==> flow/design.v <==
module alu_arith_add_top #(
   parameter integer DWIDTH = 56
) (
   input  wire clk,
   input  wire rst_n,
   input  wire [DWIDTH-1:0] op_a,
   input  wire [DWIDTH-1:0] op_b,
   input  wire [DWIDTH-1:0] op_c,
   output reg [DWIDTH+1:0] o
);
   wire [DWIDTH-1:0] nxt = op_a ^ op_b ^ op_c;
   wire [DWIDTH-1:0] chain = (op_a & op_b) | (op_a & op_c) | (op_b & op_c);
   always @(posedge clk or negedge rst_n) begin
      if (!rst_n) begin
         o <= 0;
      end else begin
         o <= nxt + {chain, 1'b0};
      end
   end
endmodule
==> Reports on alu_arith_add_top <==
The steps from the RTL of alu_arith_add_top to its reports follow in flow order.
Lines are those of the file above, counted from 1.
Cell names lack the library's common part.
{ "inputs": {"top_module": "alu_arith_add_top", "clk_port": "clk", "cell_library": "sky130hd", "lib_corner": "tt_025C_1v80"} }

==> Word-level counts <==
Counts by Yosys on the flattened word-level netlist (proc, flatten, opt, wreduce; memories kept). Register bits leave out memories and registers merged into their read ports (data or address); mux counts leave out enables and synchronous resets folded into registers. Print and check cells are left out. Cells with the same type and inputs are merged into one.
{ "bits": {"ff_bits": 58, "output_inout_bits": 58, "word_cells": 9} }
{ "classes": {"n_addsub": 1, "logic": 7} }
{ "ops": {"columns": ["operator", "n"], "rows": [
  ["bitwise AND 56 bit", 3],
  ["bitwise OR 56 bit", 2],
  ["XOR 56 bit", 2],
  ["adder 56 x 57 -> 58 bit", 1]
]} }

==> Longest topological paths <==
Depth = most cells in a row (Yosys ltp): at word level without a register or memory, in the mapped netlist without a sequential cell, where the memories' decode and read muxes count.
{ "depth": {"depth_word": 4, "ABC_AREA": 0, "mapped_depth": 13, "ltp_nobuf": 13} }

==> After synthesis <==
Yosys stat after the flow's synthesis: flattened, memories mapped to cells. It holds for the ABC_AREA given above (unset counts as 0); a run with the other value may have another netlist.
The area totals of this step are shown rounded.
{ "by_type": {"columns": ["cell_type", "n", "area_total_um2"], "rows": [
  ["dfrtp_1", 58, 1.45E+03],
  ["fa_1", 57, 1.14E+03],
  ["ha_1", 55, 688.16],
  ["a21oi_1", 63, 315.302],
  ["nand2_1", 59, 221.462],
  ["xnor2_1", 25, 218.96],
  ["a21o_1", 29, 217.709],
  ["xor2_1", 24, 210.202],
  ["nor2_1", 44, 165.158],
  ["o21ai_0", 33, 165.158],
  ["nand4_1", 20, 125.12],
  ["inv_1", 32, 120.115],
  ["clkbuf_1", 20, 75.072],
  ["a31oi_1", 11, 68.816],
  ["o21a_1", 9, 67.565],
  ["nor3_1", 13, 65.062],
  ["o21bai_1", 7, 52.55],
  ["nand3_1", 10, 50.048]
]} }
Other cell types: 41; their cells: 74.
{ "mapped": {"cells": 643, "area_um2": 6013, "sequential_area_um2": 1451, "flip_flops": 58} }

==> Timing after synthesis <==
Source: OpenSTA report_checks on the synthesized netlist (no wires, ideal clock, input and output delay 20% of the period each), path of least setup slack; recovery checks are left aside. Register names are those of the netlist, which keeps one name where synthesis merged equal registers.
{ "synth_path": {"path_type": "in2reg", "startpoint": "in op_a[1]", "endpoint": "reg o[53]", "clock_period_ns": 4.51, "in_delay_ns": 0.902, "launch_ns": 0.902, "arrival_time_ns": 3.678, "t_required_ns": 4.399, "slack_ns": 0.721, "path_delay_ns": 2.887, "path_stages": 11, "path_buffers": 0, "synth_period_reached_ns": 3.789} }
"path_delay_ns" is the arrival time less input delay plus setup time.
"path_stages": output pins that drive a net of the path, with the launching flip-flop's if there is one; two outputs of one cell count as two.
"synth_period_reached_ns" is the clock period less the worst setup slack; recovery checks do not enter. This is arithmetic on one report: input and output delays are still those of the set period (20% each).
The rows between start and end are the longest chain of elaborated cells between them; the timing report does not say that the signal goes this way. Where chains are equally long, one stands for them.
Each line given opens the expression or statement behind the cell; cells for indexed reads and writes are added by Yosys, which also makes memories of some case tables.
{ "synth_between": {"path_cell_list": "fa_1 -> ha_1 -> fa_1 -> a21o_1 -> a221oi_2 -> nor3_1 -> o311a_1 -> o211ai_2 -> a21oi_2 -> o211a_1 -> a2111oi_2", "elab_chain_len": 4, "cone_cells": 7, "cone_lines": 3, "cone_classes": "add/sub: 1; logic: 6"} }
{ "synth_rtl": {"columns": ["item", "line_no", "text"], "rows": [
  ["from (decl)", 6, "input  wire [DWIDTH-1:0] op_a,"],
  ["bitwise AND 56 bit", 12, "wire [DWIDTH-1:0] chain = (op_a & op_b) | (op_a & op_c) | (op_b & op_c);"],
  ["bitwise OR 56 bit x2", 12, null],
  ["adder 56 x 57 -> 58 bit", 17, "o <= nxt + {chain, 1'b0};"],
  ["to (assign)", 15, "o <= 0;"],
  ["to (assign)", 17, null],
  ["to (decl)", 9, "output reg [DWIDTH+1:0] o"]
]} }

==> Path in the finished layout <==
Path of least setup slack in the final report of flow run 2 (OpenROAD, finished layout, wires in). Where an end is a register, its clock arrival counts in the times.
{ "layout_path": {"path_type": "in2reg", "startpoint": "in op_a[19]", "endpoint": "reg o[48]", "clock_period_ns": 3.83, "in_delay_ns": 0.77, "launch_ns": 0.77, "arrival_time_ns": 4.04, "t_required_ns": 4.08, "slack_ns": 0.03, "path_stages": 12, "path_buffers": 2} }
The rows between start and end are the longest chain of elaborated cells between them; the timing report does not say that the signal goes this way. Where chains are equally long, one stands for them.
{ "layout_between": {"path_cell_list": "clkdlybuf4s50_1 -> fa_1 -> ha_1 -> a21o_1 -> o21ba_2 -> o221ai_1 -> a22o_1 -> a31oi_1 -> buf_4 -> nand2_1 -> a21boi_0 -> xnor2_1", "elab_chain_len": 4, "cone_cells": 7, "cone_lines": 3, "cone_classes": "add/sub: 1; logic: 6"} }
{ "layout_rtl": {"columns": ["item", "line_no", "text"], "rows": [
  ["from (decl)", 6, "input  wire [DWIDTH-1:0] op_a,"],
  ["bitwise AND 56 bit", 12, "wire [DWIDTH-1:0] chain = (op_a & op_b) | (op_a & op_c) | (op_b & op_c);"],
  ["bitwise OR 56 bit x2", 12, null],
  ["adder 56 x 57 -> 58 bit", 17, "o <= nxt + {chain, 1'b0};"],
  ["to (assign)", 15, "o <= 0;"],
  ["to (assign)", 17, null],
  ["to (decl)", 9, "output reg [DWIDTH+1:0] o"]
]} }

Top module alu_arith_add_top; platform sky130hd; tools Yosys and OpenROAD; 3 stored runs in no particular order. Input and output delays are each 20% of the period that was set; the output load is 0.01 pF.
"reached clock period" is the run's clock period less its worst setup slack. It is reckoned from that one timing run; input and output delays stay at 20% of the period that was set.
By "worst path time" is meant the share of the clock period that the worst setup path is allowed (20% is reserved at inputs, 20% at outputs), minus its slack. Clock arrival times at its registers enter into it.
"total power of the final layout" rests on the timing tool's default activity at the inputs, not on a simulated workload.
Measured values are rounded.

==> flow run 1: settings <==
{ "period_ns": 4.41, "CORE_UTILIZATION": 48, "SETUP_SLACK_MARGIN": 0.45, "PLACE_DENSITY_LB_ADDON": 0.24, "CORE_ASPECT_RATIO": 1.13, "CORE_MARGIN": 3, "CELL_PAD_IN_SITES_GLOBAL_PLACEMENT": 3, "CELL_PAD_IN_SITES_DETAIL_PLACEMENT": 1, "TNS_END_PERCENT": 50, "CTS_CLUSTER_DIAMETER": 237, "CAP_MARGIN": 0, "SLEW_MARGIN": 20 }
==> flow run 1: results <==
no results, placement failed with FLW-0024

==> flow run 2: settings <==
{ "period_ns": 3.83, "CORE_UTILIZATION": 42, "SETUP_SLACK_MARGIN": -0.06, "PLACE_DENSITY": 0.59, "CORE_ASPECT_RATIO": 0.84, "SLEW_MARGIN": 15, "MAX_ROUTING_LAYER": "met4", "CAP_MARGIN": 20, "CORE_MARGIN": 2 }
==> flow run 2: results <==
smallest setup slack: 0.035 ns
total power of the final layout: 4,596 µW
setup total negative slack: 0.000 ns
standard-cell area of the final layout: 9,473 um2
synthesis area: 6,013 um2
worst path time: 3.03 ns
worst setup path kind: in2reg
post-route utilization: 66.9 %
reached clock period: 3.795 ns
die area: 15,290 um2

==> flow run 3: settings <==
{ "period_ns": 4.51, "CAP_MARGIN": 20, "CORE_MARGIN": 2, "CORE_UTILIZATION": 40, "SLEW_MARGIN": 20 }
==> flow run 3: results <==
smallest setup slack: 0.314 ns
total power of the final layout: 3,739 µW
setup total negative slack: 0.000 ns
standard-cell area of the final layout: 8,823 um2
synthesis area: 6,013 um2
worst path time: 3.29 ns
worst setup path kind: in2reg
post-route utilization: 60.5 %
reached clock period: 4.196 ns
die area: 16,030 um2
